==> flow/design.v <==
module core_mag_cmp_rtl #(
  parameter WIDTH = 14
) (
  input clk_i,
  input i_rst_n,
  input [WIDTH-1:0] rs1_in,
  input [WIDTH-1:0] rs2_in,
  output reg a_gt_b_out,
  output reg lt_out
);
  reg g;
  reg l;
  integer n;
  always @* begin
    g = 1'b0;
    l = 1'b0;
    for (n = WIDTH-1; n >= 0; n = n - 1) begin
      if (!g && !l) begin
        g = rs1_in[n] & ~rs2_in[n];
        l = ~rs1_in[n] & rs2_in[n];
      end
    end
  end
  always @(posedge clk_i or negedge i_rst_n) begin
    if (!i_rst_n) begin
      a_gt_b_out <= 1'b0;
      lt_out <= 1'b0;
    end else begin
      a_gt_b_out <= g;
      lt_out <= l;
    end
  end
endmodule
# ---- Reports on core_mag_cmp_rtl
# Tool output for the members of one design family, told apart by "WIDTH", in the order of the flow.
# The file above is the member WIDTH=14. Line numbers count from 1 in each member's own file.
# Cell names lack the library's common part.
# A cell with n/a has no value.
dict set report inputs {
  top_module {core_mag_cmp_rtl}
  clk_port {clk_i}
  library {sky130hd}
  lib_corner {tt_025C_1v80}
}

# ---- Members of the sweep
# Lines of each other member's file that are new or changed against the file above; lines that a member lacks are not shown.
# WIDTH line_no
set changed_lines {}
lappend changed_lines {18 2} ;# parameter WIDTH = 18
lappend changed_lines {56 2} ;# parameter WIDTH = 56
lappend changed_lines {64 2} ;# parameter WIDTH = 64
lappend changed_lines {128 2} ;# parameter WIDTH = 128

# ---- After elaboration
# Source: Yosys, flattened and elaborated, memories not mapped. Widths are those after wreduce; folded enables and synchronous resets count as part of the registers. Registers that Yosys merges into a memory's read port (data or address) are not register bits. Print and check cells do not count. Equal cells are merged and count once.
# WIDTH regBits input_bits wordCells
set word_totals {}
lappend word_totals {14 2 30 123}
lappend word_totals {18 2 38 159}
lappend word_totals {56 2 114 501}
lappend word_totals {64 2 130 573}
lappend word_totals {128 2 258 1149}
# WIDTH n_mux n_logic n_reduce_logical
set op_classes {}
lappend op_classes {14 26 56 39}
lappend op_classes {18 34 72 51}
lappend op_classes {56 110 224 165}
lappend op_classes {64 126 256 189}
lappend op_classes {128 254 512 381}
# WIDTH operators
set ops {}
lappend ops {14 {bitwise AND 1 bit (28); NOT 1 bit (28); zero test 1 bit (26); 2-to-1 mux 1 bit (26); logical AND 1 bit (13)}}
lappend ops {18 {bitwise AND 1 bit (36); NOT 1 bit (36); zero test 1 bit (34); 2-to-1 mux 1 bit (34); logical AND 1 bit (17)}}
lappend ops {56 {bitwise AND 1 bit (112); NOT 1 bit (112); zero test 1 bit (110); 2-to-1 mux 1 bit (110); logical AND 1 bit (55)}}
lappend ops {64 {bitwise AND 1 bit (128); NOT 1 bit (128); zero test 1 bit (126); 2-to-1 mux 1 bit (126); logical AND 1 bit (63)}}
lappend ops {128 {bitwise AND 1 bit (256); NOT 1 bit (256); zero test 1 bit (254); 2-to-1 mux 1 bit (254); logical AND 1 bit (127)}}

# ---- Logic depth
# Longest topological path by Yosys (ltp), each cell counted once; first at word level (registers and memories cut), then after technology mapping (sequential cells cut; the memories' decode and read muxes count).
# WIDTH ltp_word abc_area mapped_depth mapped_depth_nobuf
set depth {}
lappend depth {14 41 0 6 6}
lappend depth {18 53 0 8 8}
lappend depth {56 167 0 9 9}
lappend depth {64 191 0 9 9}
lappend depth {128 383 0 10 10}

# ---- Synthesis result
# Source: synth_stat.txt of the flow (Yosys; design flattened, memories mapped). It holds for the ABC_AREA given above (unset counts as 0); a run with the other value may have another netlist.
# The area totals of this step are shown rounded.
# WIDTH cell_count area_um2 seqArea_um2 ffs n_buf
set mapped {}
lappend mapped {14 53 410 50.0 2 0}
lappend mapped {18 78 579 50.0 2 0}
lappend mapped {56 243 1600 50.0 2 0}
lappend mapped {64 254 1790 50.0 2 0}
lappend mapped {128 484 3300 50.0 2 0}
# WIDTH cell_types
set by_type {}
lappend by_type {14 {maj3_1 (9); dfrtp_1 (2); nand2b_1 (6); nor2b_1 (6); inv_1 (9); maj3_2 (3); a21oi_1 (5); ha_1 (2); a21o_1 (3); o21a_1 (2); mux2i_1 (1); o21ai_0 (2); and2b_1 (1); nand3b_1 (1); o21ai_1 (1)}}
lappend by_type {18 {maj3_1 (9); maj3_2 (6); dfrtp_1 (2); nor2b_1 (8); inv_1 (13); nand2b_1 (7); o21ai_0 (6); ha_1 (2); a21oi_1 (3); nor2b_4 (1); o221a_1 (1); a221o_1 (1); mux2i_1 (1); a221oi_1 (1); a311oi_1 (1); or2b_2 (1); a211oi_1 (1); a21o_1 (1); (+13)}}
lappend by_type {56 {maj3_1 (28); nor2b_1 (29); nand2b_1 (26); inv_1 (32); a21oi_1 (22); maj3_2 (6); dfrtp_1 (2); nand2_1 (11); o21ai_0 (8); o211ai_1 (5); o21ai_1 (7); nor2_1 (9); a31oi_1 (5); o31ai_1 (4); a2111oi_0 (3); o221ai_1 (3); ha_1 (2); o21bai_1 (3); (+38)}}
lappend by_type {64 {maj3_1 (52); nand2b_1 (25); nor2b_1 (24); inv_1 (38); maj3_2 (11); a21oi_1 (17); o21ai_0 (13); dfrtp_1 (2); nand2_1 (12); nor2_1 (12); o21bai_1 (5); and2b_2 (4); ha_1 (2); o211ai_1 (3); nand3_1 (4); a21boi_4 (1); a21o_2 (2); a41oi_1 (2); (+25)}}
lappend by_type {128 {maj3_1 (106); nor2b_1 (65); nand2b_1 (59); inv_1 (73); a21oi_1 (40); maj3_2 (11); o21ai_0 (23); o21ai_1 (15); a21o_1 (7); dfrtp_1 (2); o21bai_1 (6); nor2_1 (10); o31ai_1 (5); a221oi_1 (4); nand2_1 (7); ha_1 (2); a211oi_1 (3); a21boi_0 (3); (+43)}}
# The mark (+n) counts cells that are not listed.

# ---- Timing after synthesis
# Path of least setup slack by OpenSTA after synthesis, without wires, with an ideal clock, recovery checks aside; 20% of the period is set as input and as output delay. Where synthesis merged equal registers, the netlist keeps one of their names.
# WIDTH path_type startpoint endpoint clock_period_ps slack_ps driving_pins delay_ps synth_period_reached_ps
set synth_timing {}
lappend synth_timing {14 {input -> register} {in rs1_in[4]} {reg a_gt_b_out} 1950 309 6 1251 1641}
lappend synth_timing {18 {input -> register} {in rs2_in[4]} {reg lt_out} 2280 365 6 1458 1915}
lappend synth_timing {56 {input -> register} {in rs2_in[14]} {reg lt_out} 2920 464 8 1872 2456}
lappend synth_timing {64 {input -> register} {in rs1_in[26]} {reg a_gt_b_out} 3170 505 9 2031 2665}
lappend synth_timing {128 {input -> register} {in rs1_in[22]} {reg a_gt_b_out} 3170 507 9 2029 2663}
# "delay_ps" = arrival - input delay + setup time.
# "driving_pins": output pins that drive a net of the path, with the launching flip-flop's if there is one; two outputs of one cell count as two.
# "synth_period_reached_ps" = period - worst setup slack (recovery checks aside). The figure is calculated, with input and output delays left at 20% of the set period.
# Between the ends stands the longest chain of elaborated cells between them, by number of cells; it is not shown to be the way that was timed. Of several equally long chains one is given.
# Each line given opens the expression or statement behind the cell; cells for indexed reads and writes are added by Yosys, which also makes memories of some case tables.
dict set report synth_between_WIDTH_14 {
  elab_chain_cells 15
}
# item line_no
set synth_lines_WIDTH_14 {}
lappend synth_lines_WIDTH_14 {{from (decl)} 6} ;# input [WIDTH-1:0] rs1_in,
lappend synth_lines_WIDTH_14 {{NOT 1 bit} 20} ;# l = ~rs1_in[n] & rs2_in[n];
lappend synth_lines_WIDTH_14 {{bitwise AND 1 bit} 20}
lappend synth_lines_WIDTH_14 {{2-to-1 mux 1 bit} 18} ;# if (!g && !l) begin
lappend synth_lines_WIDTH_14 {{zero test 1 bit} 18}
lappend synth_lines_WIDTH_14 {{logical AND 1 bit} 18}
lappend synth_lines_WIDTH_14 {{2-to-1 mux 1 bit} 18}
lappend synth_lines_WIDTH_14 {{zero test 1 bit} 18}
lappend synth_lines_WIDTH_14 {{logical AND 1 bit} 18}
lappend synth_lines_WIDTH_14 {{2-to-1 mux 1 bit} 18}
lappend synth_lines_WIDTH_14 {{zero test 1 bit} 18}
lappend synth_lines_WIDTH_14 {{logical AND 1 bit} 18}
lappend synth_lines_WIDTH_14 {{2-to-1 mux 1 bit} 18}
lappend synth_lines_WIDTH_14 {{zero test 1 bit} 18}
lappend synth_lines_WIDTH_14 {{logical AND 1 bit} 18}
lappend synth_lines_WIDTH_14 {{2-to-1 mux 1 bit} 18}
lappend synth_lines_WIDTH_14 {{to (assign)} 26} ;# a_gt_b_out <= 1'b0;
lappend synth_lines_WIDTH_14 {{to (assign)} 29} ;# a_gt_b_out <= g;
lappend synth_lines_WIDTH_14 {{to (decl)} 8} ;# output reg a_gt_b_out,
dict set report synth_between_WIDTH_128 {
  elab_chain_cells 69
}
# item line_no
set synth_lines_WIDTH_128 {}
lappend synth_lines_WIDTH_128 {{from (decl)} 6} ;# input [WIDTH-1:0] rs1_in,
lappend synth_lines_WIDTH_128 {{NOT 1 bit} 20} ;# l = ~rs1_in[n] & rs2_in[n];
lappend synth_lines_WIDTH_128 {{bitwise AND 1 bit} 20}
lappend synth_lines_WIDTH_128 {{2-to-1 mux 1 bit} 18} ;# if (!g && !l) begin
lappend synth_lines_WIDTH_128 {{zero test 1 bit} 18}
lappend synth_lines_WIDTH_128 {{logical AND 1 bit} 18}
lappend synth_lines_WIDTH_128 {{2-to-1 mux 1 bit} 18}
lappend synth_lines_WIDTH_128 {{zero test 1 bit} 18}
lappend synth_lines_WIDTH_128 {{(+55 left out)} n/a}
lappend synth_lines_WIDTH_128 {{2-to-1 mux 1 bit} 18}
lappend synth_lines_WIDTH_128 {{zero test 1 bit} 18}
lappend synth_lines_WIDTH_128 {{logical AND 1 bit} 18}
lappend synth_lines_WIDTH_128 {{2-to-1 mux 1 bit} 18}
lappend synth_lines_WIDTH_128 {{zero test 1 bit} 18}
lappend synth_lines_WIDTH_128 {{logical AND 1 bit} 18}
lappend synth_lines_WIDTH_128 {{2-to-1 mux 1 bit} 18}
lappend synth_lines_WIDTH_128 {{to (assign)} 26} ;# a_gt_b_out <= 1'b0;
lappend synth_lines_WIDTH_128 {{to (assign)} 29} ;# a_gt_b_out <= g;
lappend synth_lines_WIDTH_128 {{to (decl)} 8} ;# output reg a_gt_b_out,

# ---- Worst path after layout
# Path of least setup slack in the final report of the run of each member (OpenROAD, finished layout, wires in). Where an end is a register, its clock arrival counts in the times.
# The path's times are printed in steps of 10 ps; the period is the one set.
# WIDTH path_type startpoint endpoint clock_period_ps slack_ps driving_pins arrival_ps path_buffers
set layout_timing {}
lappend layout_timing {14 {input -> register} {in rs1_in[0]} {reg a_gt_b_out} 1950 40 7 1960 1}
lappend layout_timing {18 {input -> register} {in rs1_in[4]} {reg lt_out} 2280 80 7 2300 1}
lappend layout_timing {56 {input -> register} {in rs2_in[14]} {reg lt_out} 2920 140 9 2860 1}
lappend layout_timing {64 {input -> register} {in rs1_in[26]} {reg a_gt_b_out} 3170 190 10 3060 1}
lappend layout_timing {128 {input -> register} {in rs2_in[50]} {reg lt_out} 3170 100 10 3170 1}

# ---- Layout results
# Settings and results of one run of the flow (Yosys, OpenROAD) for each member follow. The constraints put input and output delay at 20% of the set period each and load the outputs with 0.01 pF.
dict set report settings {
  CAP_MARGIN 20
  CORE_MARGIN 2
  CORE_UTILIZATION 40
  SLEW_MARGIN 20
}
# WIDTH period_ns
set settings_by_member {}
lappend settings_by_member {14 1.95}
lappend settings_by_member {18 2.28}
lappend settings_by_member {56 2.92}
lappend settings_by_member {64 3.17}
lappend settings_by_member {128 3.17}
# WIDTH synthesis_area_um2 die_area_um2 stdcell_area_um2 post_route_util_frac setup_ws_ps
set results {}
lappend results {14 410 1300 783 0.837 44}
lappend results {18 579 1770 1030 0.775 83}
lappend results {56 1600 4510 2860 0.765 143}
lappend results {64 1790 5020 3220 0.745 190}
lappend results {128 3300 8990 6160 0.762 100}
# Results are given in rounded form.
